==> flow/design.v <==
module sh_core_n #(
   parameter integer DWIDTH = 80,
   parameter integer SW = $clog2(DWIDTH)
) (
   input wire ck,
   input wire rstn,
   input wire en,
   input wire [DWIDTH-1:0] data,
   input wire [SW-1:0] sh,
   input wire dir,
   output reg [DWIDTH-1:0] y
);
   reg [DWIDTH-1:0] data_s;
   reg [SW-1:0] sh_s;
   reg dir_s;
   always @(posedge ck) begin
      if (!rstn) begin
         data_s <= 0;
         sh_s <= 0;
         dir_s <= 1'b0;
         y <= 0;
      end else if (en) begin
         data_s <= data;
         sh_s <= sh;
         dir_s <= dir;
         y <= dir_s ? data_s << sh_s : data_s >> sh_s;
      end
   end
endmodule
---- Step by step through the tools: sh_core_n ----
Tool output for the design above, in the order of the flow.
Line numbers count from 1 in the design file above.
Operators carry their Yosys type and port widths (W data, S select, Z words).
Library cell names are shortened.
The mark -- stands for no value.
inputs
  top ..................................... sh_core_n
  clock input ............................. ck
  library ................................. sky130hd
  library corner .......................... tt_025C_1v80

---- Elaborated design ----
Source: Yosys, flattened and elaborated, memories not mapped. Widths are those after wreduce; folded enables and synchronous resets count as part of the registers. Registers that Yosys merges into a memory's read port (data or address) are not register bits. Print and check cells do not count. Equal cells are merged and count once.
bit counts
  output and inout bits ................... 80
  word-level cells ........................ 7
  bits of input ports ..................... 91
  flip-flop bits (word level) ............. 168
cells by class
  shifts and indexed selects .............. 2
  mux-type cells .......................... 1
operators with widths
  kind             count
  $shl A80 B7 Y80  1
  $shr A80 B7 Y80  1
  $mux W80         1

---- Depth ----
Yosys ltp: most cells in a row. Word level: on the elaborated netlist, between registers, memories and ports. Mapped: between sequential cells and ports; inverters and the memories' decode and read muxes count.
depth
  depth after elaboration ................. 2
  ABC_AREA ................................ 0
  depth in mapped cells ................... 13
  mapped depth without buffers ............ 6

---- Netlist ----
The flow's flattened synthesis, as Yosys stat reports it; memories are mapped. The netlist is that of the ABC_AREA named above (0 if unset); the other value can give another one.
synthesis totals
  cells in the netlist .................... 1981
  mapped flip-flops ....................... 168
  buffers ................................. 260
  chip area (Yosys) ....................... 18689.2 µm²
  sequential area ......................... 3363.2 µm²
cells by type
  type      count  area in all (µm²)
  mux4_2    199    4.48E+03
  dfxtp_1   168    3.36E+03
  mux2i_1   229    2.29E+03
  mux2_2    106    1.19E+03
  nand2_1   172    645.619
  nor2b_1   99     619.344
  clkbuf_1  162    608.083
  o21ai_0   111    555.533
  nor2_1    114    427.91
  a21oi_1   59     295.283
  o221ai_1  31     271.51
  o22ai_1   43     269.008
  buf_2     48     240.23
  a221oi_1  21     183.926
  o211ai_1  23     172.666
  a211oi_1  22     165.158
  a32o_1    15     150.144
  nand3_1   28     140.134
Other cell types: 61; their cells: 331.

---- Path before layout ----
Source: OpenSTA report_checks on the synthesized netlist (no wires, ideal clock, input and output delay 20% of the period each), path of least setup slack; recovery checks are left aside. Register names are those of the netlist, which keeps one name where synthesis merged equal registers.
timing after synthesis
  kind .................................... reg2reg
  start point ............................. register sh_s[1]
  end point ............................... register y[42]
  slack ................................... 0.625 ns
  buffers on the path ..................... 2
  data required time ...................... 3.025 ns
  stages on the path ...................... 9
  launch time at the first pin ............ 0.000 ns
  period .................................. 3.14 ns
  path delay .............................. 2.514 ns
  library setup time ...................... 0.115 ns
  arrival time ............................ 2.399 ns
  synthesis period reached ................ 2.515 ns
"path delay" is the arrival time less input delay plus setup time.
"stages on the path": output pins that drive a net of the path, with the launching flip-flop's if there is one; two outputs of one cell count as two.
"synthesis period reached" = period - worst setup slack (recovery checks aside). The figure is calculated, with input and output delays left at 20% of the set period.
The rows between start and end are the longest chain of elaborated cells between them; the timing report does not say that the signal goes this way. Where chains are equally long, one stands for them.
A line is the first line of the expression or statement that the cell stems from. Yosys adds cells for indexed reads and writes and turns some case tables into memories.
on the way, after synthesis
  path through ............................ dfxtp_1 -> buf_6 -> buf_2 -> mux4_2 -> mux2_2 -> or2_2 -> a31oi_1 -> o221ai_1 -> a31o_1
  cells in the longest elaborated chain ... 2
  elaborated cells on any way between the ends .. 3
  RTL lines with such cells ............... 1
  classes of those cells .................. shift: 2; mux: 1
RTL lines, path after synthesis
  element          RTL line  text
  start, declared  14        reg [SW-1:0] sh_s;
  start, assigned  19        sh_s <= 0;
  start, assigned  24        sh_s <= sh;
  $shr A80 B7 Y80  26        y <= dir_s ? data_s << sh_s : data_s >> sh_s;
  $mux W80         26
  end, assigned    21        y <= 0;
  end, assigned    26
  end, declared    11        output reg [DWIDTH-1:0] y

---- Path in the finished layout ----
From the final timing report of record 1: the path of least setup slack in the routed layout; clock arrival at registers is part of the times.
timing after layout
  kind .................................... reg2reg
  start point ............................. register sh_s[0]
  end point ............................... register y[26]
  launch time at the first pin ............ 0.51 ns
  stages on the path ...................... 10
  period .................................. 3.14 ns
  slack ................................... 0.09 ns
  data required time ...................... 3.55 ns
  arrival time ............................ 3.45 ns
  library setup time ...................... 0.10 ns
  buffers on the path ..................... 3
The rows between start and end are the longest chain of elaborated cells between them; the timing report does not say that the signal goes this way. Where chains are equally long, one stands for them.
on the way, after layout
  path through ............................ dfxtp_4 -> buf_12 -> buf_4 -> mux2i_1 -> nor3_1 -> o21ai_0 -> buf_4 -> a41oi_1 -> a41o_1 -> a32o_1
  cells in the longest elaborated chain ... 2
  elaborated cells on any way between the ends .. 3
  RTL lines with such cells ............... 1
  classes of those cells .................. shift: 2; mux: 1
RTL lines, path after layout
  element          RTL line  text
  start, declared  14        reg [SW-1:0] sh_s;
  start, assigned  19        sh_s <= 0;
  start, assigned  24        sh_s <= sh;
  $shr A80 B7 Y80  26        y <= dir_s ? data_s << sh_s : data_s >> sh_s;
  $mux W80         26
  end, assigned    21        y <= 0;
  end, assigned    26
  end, declared    11        output reg [DWIDTH-1:0] y

Subject: sh_core_n on sky130hd, stored results

Hello all,

sh_core_n through Yosys and OpenROAD on sky130hd: 2 stored runs, unordered, with their settings and measured results. The constraints put input and output delay at 20% of the set period each and load the outputs with 0.01 pF.
By "finish__power__total" is meant OpenSTA's value without simulated activity: inputs other than the clock are taken to toggle once in ten clock periods, and the tool carries that through the logic.

Flow files of record 1
==> flow/run.sh <==
#!/bin/bash
# the make line also repeats the synthesis and layout settings of config.mk as NAME=value (left out here)
make -C /OpenROAD-flow-scripts/flow DESIGN_CONFIG=/design/flow/config.mk WORK_HOME=/design/flow/orfs CLKGATE_MAP_FILE= finish
==> flow/config.mk <==
export PLATFORM = sky130hd
export DESIGN_NAME = sh_core_n
export DESIGN_NICKNAME = sh_core_n
export VERILOG_FILES = /design/flow/design.v
export SDC_FILE = /design/flow/constraint.sdc
export NUM_CORES = 4
export LEC_CHECK = 0
export CAP_MARGIN = 20
export CORE_MARGIN = 2
export CORE_UTILIZATION = 40
export SLEW_MARGIN = 20
==> flow/constraint.sdc <==
create_clock -name core_clock -period 3.14 [get_ports {ck}]
set_input_delay 0.6280 -clock core_clock [delete_from_list [all_inputs] [get_ports {ck}]]
set_output_delay 0.6280 -clock core_clock [all_outputs]
set_load 0.01 [all_outputs]

report of record 1
yosys chip area after synthesis (um^2): 18689.2
finish__design__die__area: 48468.2
finish__design__instance__area__stdcell: 23162.2
finish__design__instance__utilization: 0.4996
finish__timing__setup__ws: 0.095
finish__timing__hold__ws: 0.460
finish__power__total: 9.039e-03

Flow files of record 2
==> flow/run.sh <==
#!/bin/bash
# the make line also repeats the synthesis and layout settings of config.mk as NAME=value (left out here)
make -C /OpenROAD-flow-scripts/flow DESIGN_CONFIG=/design/flow/config.mk WORK_HOME=/design/flow/orfs CLKGATE_MAP_FILE= finish
==> flow/config.mk <==
export PLATFORM = sky130hd
export DESIGN_NAME = sh_core_n
export DESIGN_NICKNAME = sh_core_n
export VERILOG_FILES = /design/flow/design.v
export SDC_FILE = /design/flow/constraint.sdc
export NUM_CORES = 4
export LEC_CHECK = 0
export CAP_MARGIN = 20
export CORE_MARGIN = 4
export CORE_UTILIZATION = 51
export CTS_CLUSTER_SIZE = 21
export MAX_ROUTING_LAYER = met5
export MIN_ROUTING_LAYER = met2
export PLACE_DENSITY_LB_ADDON = 0.19
export SETUP_SLACK_MARGIN = -0.21
export SLEW_MARGIN = 5
export TNS_END_PERCENT = 70
==> flow/constraint.sdc <==
create_clock -name core_clock -period 3.72 [get_ports {ck}]
set_input_delay 0.7440 -clock core_clock [delete_from_list [all_inputs] [get_ports {ck}]]
set_output_delay 0.7440 -clock core_clock [all_outputs]
set_load 0.01 [all_outputs]

report of record 2: did not finish, route, GRT-0116

Thanks
